==> flow/design.v <==
module gen_sel_unit_v2 #(
  parameter BITS = 10
) (
  input clock,
  input rst,
  input [BITS-1:0] bus_0,
  input [BITS-1:0] bus_1,
  input [BITS-1:0] bus_2,
  input [BITS-1:0] bus_3,
  input [1:0] choose,
  output [BITS-1:0] res
);
  reg [BITS-1:0] bus_0_q;
  reg [BITS-1:0] bus_1_q;
  reg [BITS-1:0] bus_2_q;
  reg [BITS-1:0] bus_3_q;
  reg [1:0] choose_q;
  wire [BITS-1:0] r;
  assign r =
    (choose_q == 2'd0) ? bus_0_q :
    (choose_q == 2'd1) ? bus_1_q :
    (choose_q == 2'd2) ? bus_2_q :
    bus_3_q;
  reg [BITS-1:0] res_q;
  assign res = res_q;
  always @(posedge clock or posedge rst) begin
    if (rst) begin
      bus_0_q <= 0;
      bus_1_q <= 0;
      bus_2_q <= 0;
      bus_3_q <= 0;
      choose_q <= 0;
      res_q <= 0;
    end else begin
      bus_0_q <= bus_0;
      bus_1_q <= bus_1;
      bus_2_q <= bus_2;
      bus_3_q <= bus_3;
      choose_q <= choose;
      res_q <= r;
    end
  end
endmodule
# [Tool chain data of gen_sel_unit_v2]
# A sweep over "inputs": the same steps for each member of the family.
# The file above is the member inputs = 4. Line numbers count from 1 in each member's own file.
# Operators carry their Yosys type and port widths (W data, S select, Z words).
# The mark n/a stands for no value.
[setup] top="gen_sel_unit_v2" clock_port="clock" library="sky130hd" lib_corner="tt_025C_1v80"

# [Members of the sweep]
# Lines of each other member's file that are new or changed against the file above; lines that a member lacks are not shown.
[changed_lines] inputs=12 line_no=10 source="input [BITS-1:0] bus_4,"
[changed_lines] inputs=12 line_no=11 source="input [BITS-1:0] bus_5,"
[changed_lines] inputs=12 line_no=12 source="input [BITS-1:0] bus_6,"
[changed_lines] inputs=12 line_no=13 source="input [BITS-1:0] bus_7,"
[changed_lines] inputs=12 line_no=14 source="input [BITS-1:0] bus_8,"
[changed_lines] inputs=12 line_no=15 source="input [BITS-1:0] bus_9,"
[changed_lines] inputs=12 line_no=16 source="input [BITS-1:0] bus_10,"
[changed_lines] inputs=12 line_no=17 source="input [BITS-1:0] bus_11,"
[changed_lines] inputs=12 line_no=18 source="input [3:0] choose,"
[changed_lines] inputs=12 line_no=25 source="reg [BITS-1:0] bus_4_q;"
[changed_lines] inputs=12 line_no=26 source="reg [BITS-1:0] bus_5_q;"
[changed_lines] inputs=12 line_no=27 source="reg [BITS-1:0] bus_6_q;"
[changed_lines] inputs=12 line_no=28 source="reg [BITS-1:0] bus_7_q;"
[changed_lines] inputs=12 line_no=29 source="reg [BITS-1:0] bus_8_q;"
[changed_lines] inputs=12 line_no=30 source="reg [BITS-1:0] bus_9_q;"
[changed_lines] inputs=12 line_no=31 source="reg [BITS-1:0] bus_10_q;"
[changed_lines] inputs=12 line_no=32 source="reg [BITS-1:0] bus_11_q;"
[changed_lines] inputs=12 line_no=33 source="reg [3:0] choose_q;"
[changed_lines] inputs=12 line_no=36 source="(choose_q == 4'd0) ? bus_0_q :"
[changed_lines] inputs=12 line_no=37 source="(choose_q == 4'd1) ? bus_1_q :"
[changed_lines] inputs=12 line_no=38 source="(choose_q == 4'd2) ? bus_2_q :"
[changed_lines] inputs=12 line_no=39 source="(choose_q == 4'd3) ? bus_3_q :"
[changed_lines] inputs=12 line_no=40 source="(choose_q == 4'd4) ? bus_4_q :"
[changed_lines] inputs=12 line_no=41 source="(choose_q == 4'd5) ? bus_5_q :"
[changed_lines] inputs=12 line_no=42 source="(choose_q == 4'd6) ? bus_6_q :"
[changed_lines] inputs=12 line_no=43 source="(choose_q == 4'd7) ? bus_7_q :"
[changed_lines] inputs=12 line_no=44 source="(choose_q == 4'd8) ? bus_8_q :"
[changed_lines] inputs=12 line_no=45 source="(choose_q == 4'd9) ? bus_9_q :"
[changed_lines] inputs=12 line_no=46 source="(choose_q == 4'd10) ? bus_10_q :"
[changed_lines] inputs=12 line_no=47 source="bus_11_q;"
[changed_lines] inputs=12 line_no=56 source="bus_4_q <= 0;"
[changed_lines] inputs=12 line_no=57 source="bus_5_q <= 0;"
[changed_lines] inputs=12 line_no=58 source="bus_6_q <= 0;"
[changed_lines] inputs=12 line_no=59 source="bus_7_q <= 0;"
[changed_lines] inputs=12 line_no=60 source="bus_8_q <= 0;"
[changed_lines] inputs=12 line_no=61 source="bus_9_q <= 0;"
[changed_lines] inputs=12 line_no=62 source="bus_10_q <= 0;"
[changed_lines] inputs=12 line_no=63 source="bus_11_q <= 0;"
[changed_lines] inputs=12 line_no=71 source="bus_4_q <= bus_4;"
[changed_lines] inputs=12 line_no=72 source="bus_5_q <= bus_5;"
[changed_lines] inputs=12 line_no=73 source="bus_6_q <= bus_6;"
[changed_lines] inputs=12 line_no=74 source="bus_7_q <= bus_7;"
[changed_lines] inputs=12 line_no=75 source="bus_8_q <= bus_8;"
[changed_lines] inputs=12 line_no=76 source="bus_9_q <= bus_9;"
[changed_lines] inputs=12 line_no=77 source="bus_10_q <= bus_10;"
[changed_lines] inputs=12 line_no=78 source="bus_11_q <= bus_11;"
[changed_lines] inputs=16 line_no=10 source="input [BITS-1:0] bus_4,"
[changed_lines] inputs=16 line_no=11 source="input [BITS-1:0] bus_5,"
[changed_lines] inputs=16 line_no=12 source="input [BITS-1:0] bus_6,"
[changed_lines] inputs=16 line_no=13 source="input [BITS-1:0] bus_7,"
[changed_lines] inputs=16 line_no=14 source="input [BITS-1:0] bus_8,"
[changed_lines] inputs=16 line_no=15 source="input [BITS-1:0] bus_9,"
[changed_lines] inputs=16 line_no=16 source="input [BITS-1:0] bus_10,"
[changed_lines] inputs=16 line_no=17 source="input [BITS-1:0] bus_11,"
[changed_lines] inputs=16 line_no=18 source="input [BITS-1:0] bus_12,"
[changed_lines] inputs=16 line_no=19 source="input [BITS-1:0] bus_13,"
[changed_lines] inputs=16 line_no=20 source="input [BITS-1:0] bus_14,"
[changed_lines] inputs=16 line_no=21 source="input [BITS-1:0] bus_15,"
[changed_lines] inputs=16 line_no=22 source="input [3:0] choose,"
[changed_lines] inputs=16 line_no=29 source="reg [BITS-1:0] bus_4_q;"
[changed_lines] inputs=16 line_no=30 source="reg [BITS-1:0] bus_5_q;"
[changed_lines] inputs=16 line_no=31 source="reg [BITS-1:0] bus_6_q;"
[changed_lines] inputs=16 line_no=32 source="reg [BITS-1:0] bus_7_q;"
[changed_lines] inputs=16 line_no=33 source="reg [BITS-1:0] bus_8_q;"
[changed_lines] inputs=16 line_no=34 source="reg [BITS-1:0] bus_9_q;"
[changed_lines] inputs=16 line_no=35 source="reg [BITS-1:0] bus_10_q;"
[changed_lines] inputs=16 line_no=36 source="reg [BITS-1:0] bus_11_q;"
[changed_lines] inputs=16 line_no=37 source="reg [BITS-1:0] bus_12_q;"
[changed_lines] inputs=16 line_no=38 source="reg [BITS-1:0] bus_13_q;"
[changed_lines] inputs=16 line_no=39 source="reg [BITS-1:0] bus_14_q;"
[changed_lines] inputs=16 line_no=40 source="reg [BITS-1:0] bus_15_q;"
[changed_lines] inputs=16 line_no=41 source="reg [3:0] choose_q;"
[changed_lines] inputs=16 line_no=44 source="(choose_q == 4'd0) ? bus_0_q :"
[changed_lines] inputs=16 line_no=45 source="(choose_q == 4'd1) ? bus_1_q :"
[changed_lines] inputs=16 line_no=46 source="(choose_q == 4'd2) ? bus_2_q :"
[changed_lines] inputs=16 line_no=47 source="(choose_q == 4'd3) ? bus_3_q :"
[changed_lines] inputs=16 line_no=48 source="(choose_q == 4'd4) ? bus_4_q :"
[changed_lines] inputs=16 line_no=49 source="(choose_q == 4'd5) ? bus_5_q :"
[changed_lines] inputs=16 line_no=50 source="(choose_q == 4'd6) ? bus_6_q :"
[changed_lines] inputs=16 line_no=51 source="(choose_q == 4'd7) ? bus_7_q :"
[changed_lines] inputs=16 line_no=52 source="(choose_q == 4'd8) ? bus_8_q :"
[changed_lines] inputs=16 line_no=53 source="(choose_q == 4'd9) ? bus_9_q :"
[changed_lines] inputs=16 line_no=54 source="(choose_q == 4'd10) ? bus_10_q :"
[changed_lines] inputs=16 line_no=55 source="(choose_q == 4'd11) ? bus_11_q :"
[changed_lines] inputs=16 line_no=56 source="(choose_q == 4'd12) ? bus_12_q :"
[changed_lines] inputs=16 line_no=57 source="(choose_q == 4'd13) ? bus_13_q :"
[changed_lines] inputs=16 line_no=58 source="(choose_q == 4'd14) ? bus_14_q :"
[changed_lines] inputs=16 line_no=59 source="bus_15_q;"
[changed_lines] inputs=16 line_no=68 source="bus_4_q <= 0;"
[changed_lines] inputs=16 line_no=69 source="bus_5_q <= 0;"
[changed_lines] inputs=16 line_no=70 source="bus_6_q <= 0;"
[changed_lines] inputs=16 line_no=71 source="bus_7_q <= 0;"
[changed_lines] inputs=16 line_no=72 source="bus_8_q <= 0;"
[changed_lines] inputs=16 line_no=73 source="bus_9_q <= 0;"
[changed_lines] inputs=16 line_no=74 source="bus_10_q <= 0;"
[changed_lines] inputs=16 line_no=75 source="bus_11_q <= 0;"
[changed_lines] inputs=16 line_no=76 source="bus_12_q <= 0;"
[changed_lines] inputs=16 line_no=77 source="bus_13_q <= 0;"
[changed_lines] inputs=16 line_no=78 source="bus_14_q <= 0;"
[changed_lines] inputs=16 line_no=79 source="bus_15_q <= 0;"
[changed_lines] inputs=16 line_no=87 source="bus_4_q <= bus_4;"
[changed_lines] inputs=16 line_no=88 source="bus_5_q <= bus_5;"
[changed_lines] inputs=16 line_no=89 source="bus_6_q <= bus_6;"
[changed_lines] inputs=16 line_no=90 source="bus_7_q <= bus_7;"
[changed_lines] inputs=16 line_no=91 source="bus_8_q <= bus_8;"
[changed_lines] inputs=16 line_no=92 source="bus_9_q <= bus_9;"
[changed_lines] inputs=16 line_no=93 source="bus_10_q <= bus_10;"
[changed_lines] inputs=16 line_no=94 source="bus_11_q <= bus_11;"
[changed_lines] inputs=16 line_no=95 source="bus_12_q <= bus_12;"
[changed_lines] inputs=16 line_no=96 source="bus_13_q <= bus_13;"
[changed_lines] inputs=16 line_no=97 source="bus_14_q <= bus_14;"
[changed_lines] inputs=16 line_no=98 source="bus_15_q <= bus_15;"

# [Elaborated design]
# Yosys after proc, flatten, opt, wreduce and memory -nomap, before mapping. Enables and synchronous resets that opt folds into registers are not counted as muxes. Memory bits, and registers merged into a memory's read port (data or address), are not among the register bits. Print and check cells are not counted. Equal cells are merged and count once.
[classes] inputs=4 mux=3 n_eq=2 reduce_and_logical=1
[classes] inputs=12 mux=11 n_eq=10 reduce_and_logical=1
[classes] inputs=16 mux=15 n_eq=14 reduce_and_logical=1
[op_table] inputs=4 operators="$mux W10: 3; $eq A2 B1 Y1 const B: 1; $eq A2 B2 Y1 const B: 1; $logic_not A2 Y1: 1"
[op_table] inputs=12 operators="$mux W10: 11; $eq A4 B3 Y1 const B: 4; $eq A4 B4 Y1 const B: 3; $eq A4 B2 Y1 const B: 2; $eq A4 B1 Y1 const B: 1; $logic_not A4 Y1: 1"
[op_table] inputs=16 operators="$mux W10: 15; $eq A4 B4 Y1 const B: 7; $eq A4 B3 Y1 const B: 4; $eq A4 B2 Y1 const B: 2; $eq A4 B1 Y1 const B: 1; $logic_not A4 Y1: 1"
[word_totals] inputs=4 register_bits=52
[word_totals] inputs=12 register_bits=134
[word_totals] inputs=16 register_bits=174

# [Depth]
# Yosys ltp: most cells in a row. Word level: on the elaborated netlist, between registers, memories and ports. Mapped: between sequential cells and ports; inverters and the memories' decode and read muxes count.
[logic_depth] inputs=4 ltp_word=4 ABC_AREA=0 mapped_depth=2
[logic_depth] inputs=12 ltp_word=12 ABC_AREA=0 mapped_depth=7
[logic_depth] inputs=16 ltp_word=16 ABC_AREA=0 mapped_depth=9

# [After synthesis]
# Source: synth_stat.txt of the flow (Yosys; design flattened, memories mapped). It holds for the ABC_AREA given above (unset counts as 0); a run with the other value may have another netlist.
[by_type] inputs=4 type_list="sky130_fd_sc_hd__dfrtp_1: 52; sky130_fd_sc_hd__mux4_2: 10; sky130_fd_sc_hd__buf_6: 1; sky130_fd_sc_hd__clkbuf_2: 1; sky130_fd_sc_hd__inv_1: 1"
[by_type] inputs=12 type_list="sky130_fd_sc_hd__dfrtp_1: 134; sky130_fd_sc_hd__mux4_2: 7; sky130_fd_sc_hd__mux2i_1: 13; sky130_fd_sc_hd__a21oi_1: 24; sky130_fd_sc_hd__mux2_1: 7; sky130_fd_sc_hd__o21ai_0: 15; sky130_fd_sc_hd__buf_2: 14; sky130_fd_sc_hd__nand2_1: 15; sky130_fd_sc_hd__nor2_1: 15; sky130_fd_sc_hd__o221ai_1: 6; sky130_fd_sc_hd__o22ai_1: 8; sky130_fd_sc_hd__a221oi_1: 5; sky130_fd_sc_hd__o21ai_1: 8; sky130_fd_sc_hd__nand2b_1: 6; sky130_fd_sc_hd__nor2b_1: 6; sky130_fd_sc_hd__o32ai_1: 4; sky130_fd_sc_hd__a22oi_1: 4; sky130_fd_sc_hd__a22o_1: 3; (+47)"
[by_type] inputs=16 type_list="sky130_fd_sc_hd__dfrtp_1: 174; sky130_fd_sc_hd__mux2i_1: 22; sky130_fd_sc_hd__a21oi_1: 40; sky130_fd_sc_hd__o21ai_0: 26; sky130_fd_sc_hd__o22ai_1: 20; sky130_fd_sc_hd__mux2_2: 8; sky130_fd_sc_hd__mux4_2: 4; sky130_fd_sc_hd__nand2_1: 24; sky130_fd_sc_hd__nor2_1: 19; sky130_fd_sc_hd__buf_2: 12; sky130_fd_sc_hd__buf_4: 8; sky130_fd_sc_hd__a22oi_1: 7; sky130_fd_sc_hd__a211oi_1: 6; sky130_fd_sc_hd__buf_6: 4; sky130_fd_sc_hd__nor3_1: 9; sky130_fd_sc_hd__nand2b_1: 7; sky130_fd_sc_hd__a221o_1: 4; sky130_fd_sc_hd__nand3_1: 7; (+80)"
# The mark (+n) counts cells that are not listed.
[synth_totals] inputs=4 ff_cells=52 area_um2=1546.5 cells=65
[synth_totals] inputs=12 ff_cells=134 area_um2=4792.1 cells=341
[synth_totals] inputs=16 ff_cells=174 area_um2=6384.9 cells=481

# [Worst setup path after synthesis]
# Path of least setup slack by OpenSTA after synthesis, without wires, with an ideal clock, recovery checks aside; 20% of the period is set as input and as output delay. Where synthesis merged equal registers, the netlist keeps one of their names.
[synth_path] inputs=4 path_kind="register to register" start="register (no name shown)" end="register res_q[0]" tclk_ns=1.39 stages=3 slack_ns=0.281 path_delay_ns=1.109 synth_period_reached_ns=1.109
[synth_path] inputs=12 path_kind="register to register" start="register (no name shown)" end="register res_q[3]" tclk_ns=1.89 stages=6 slack_ns=0.377 path_delay_ns=1.514 synth_period_reached_ns=1.513
[synth_path] inputs=16 path_kind="register to register" start="register (no name shown)" end="register res_q[7]" tclk_ns=2.05 stages=8 slack_ns=0.407 path_delay_ns=1.643 synth_period_reached_ns=1.643
# "path_delay_ns" is the arrival time less input delay plus setup time.
# "stages": output pins that drive a net of the path, with the launching flip-flop's if there is one; two outputs of one cell count as two.
# "synth_period_reached_ns" = period - worst setup slack (recovery checks aside). The figure is calculated, with input and output delays left at 20% of the set period.
# The rows between start and end are the longest chain of elaborated cells between them; the timing report does not say that the signal goes this way. Where chains are equally long, one stands for them.
# A line is the first line of the expression or statement that the cell stems from. Yosys adds cells for indexed reads and writes and turns some case tables into memories.
[synth_between_inputs_4] elab_chain_len=4
[synth_lines_inputs_4] item="from (decl)" line_no=17
[synth_lines_inputs_4] item="from (assign)" line_no=32
[synth_lines_inputs_4] item="from (assign)" line_no=39
[synth_lines_inputs_4] item="$eq A2 B2 Y1" line_no=22
[synth_lines_inputs_4] item="$mux W10" line_no=22
[synth_lines_inputs_4] item="$mux W10" line_no=21
[synth_lines_inputs_4] item="$mux W10" line_no=20
[synth_lines_inputs_4] item="to (assign)" line_no=33 source="res_q <= 0;"
[synth_lines_inputs_4] item="to (assign)" line_no=40 source="res_q <= r;"
[synth_lines_inputs_4] item="to (decl)" line_no=24 source="reg [BITS-1:0] res_q;"
[synth_between_inputs_16] elab_chain_len=16
[synth_lines_inputs_16] item="from (decl)" line_no=41
[synth_lines_inputs_16] item="from (assign)" line_no=80
[synth_lines_inputs_16] item="from (assign)" line_no=99
[synth_lines_inputs_16] item="$eq A4 B4 Y1" line_no=58
[synth_lines_inputs_16] item="$mux W10" line_no=58
[synth_lines_inputs_16] item="$mux W10" line_no=57
[synth_lines_inputs_16] item="$mux W10" line_no=56
[synth_lines_inputs_16] item="$mux W10" line_no=55
[synth_lines_inputs_16] item="$mux W10" line_no=54
[synth_lines_inputs_16] item="$mux W10" line_no=53
[synth_lines_inputs_16] item="[2 not listed]"
[synth_lines_inputs_16] item="$mux W10" line_no=50
[synth_lines_inputs_16] item="$mux W10" line_no=49
[synth_lines_inputs_16] item="$mux W10" line_no=48
[synth_lines_inputs_16] item="$mux W10" line_no=47
[synth_lines_inputs_16] item="$mux W10" line_no=46
[synth_lines_inputs_16] item="$mux W10" line_no=45
[synth_lines_inputs_16] item="$mux W10" line_no=44
[synth_lines_inputs_16] item="to (assign)" line_no=81 source="res_q <= 0;"
[synth_lines_inputs_16] item="to (assign)" line_no=100 source="res_q <= r;"
[synth_lines_inputs_16] item="to (decl)" line_no=60 source="reg [BITS-1:0] res_q;"

# [Worst path after layout]
# Path of least setup slack in the final report of the run of each member (OpenROAD, finished layout, wires in). Where an end is a register, its clock arrival counts in the times.
[layout_path] inputs=4 path_kind="register to output" start="register res_q[1]" end="output res[1]" arrival_time_ns=0.94 n_path_buf=1 tclk_ns=1.39 stages=2 slack_ns=0.17
[layout_path] inputs=12 path_kind="register to register" start="register (no name shown)" end="register res_q[9]" arrival_time_ns=2.05 n_path_buf=1 tclk_ns=1.89 stages=7 slack_ns=0.15
[layout_path] inputs=16 path_kind="register to register" start="register (no name shown)" end="register res_q[2]" arrival_time_ns=2.30 n_path_buf=1 tclk_ns=2.05 stages=7 slack_ns=0.05

# [Flow runs]
# Settings and results of one run of the flow (Yosys, OpenROAD) for each member follow. The constraints put input and output delay at 20% of the set period each and load the outputs with 0.01 pF.
[flow_settings] CAP_MARGIN=20 CORE_MARGIN=2 CORE_UTILIZATION=40 SLEW_MARGIN=20
[settings_diff] inputs=4 period_ns=1.39
[settings_diff] inputs=12 period_ns=1.89
[settings_diff] inputs=16 period_ns=2.05
[measured] inputs=4 period_less_ws_ns=1.216 tns_ns=0.000 layout_utilization_pct=60.9 final_die_area_um2=4379.8 layout_stdcell_area_um2=2244.7 final_power_mw=2.733 final_setup_ws_ns=0.174 yosys.chip_area_um2=1546.5
[measured] inputs=12 period_less_ws_ns=1.738 tns_ns=0.000 layout_utilization_pct=61.5 final_die_area_um2=12872.0 layout_stdcell_area_um2=7110.6 final_power_mw=7.298 final_setup_ws_ns=0.152 yosys.chip_area_um2=4792.1
[measured] inputs=16 period_less_ws_ns=1.999 tns_ns=0.000 layout_utilization_pct=58.0 final_die_area_um2=16988.5 layout_stdcell_area_um2=9141.3 final_power_mw=7.931 final_setup_ws_ns=0.051 yosys.chip_area_um2=6384.9
# "period_less_ws_ns" is the run's clock period less its worst setup slack. It is reckoned from that one timing run; input and output delays stay at 20% of the period that was set.
# "final_power_mw" is the tool's figure for a default switching activity; nothing was simulated.
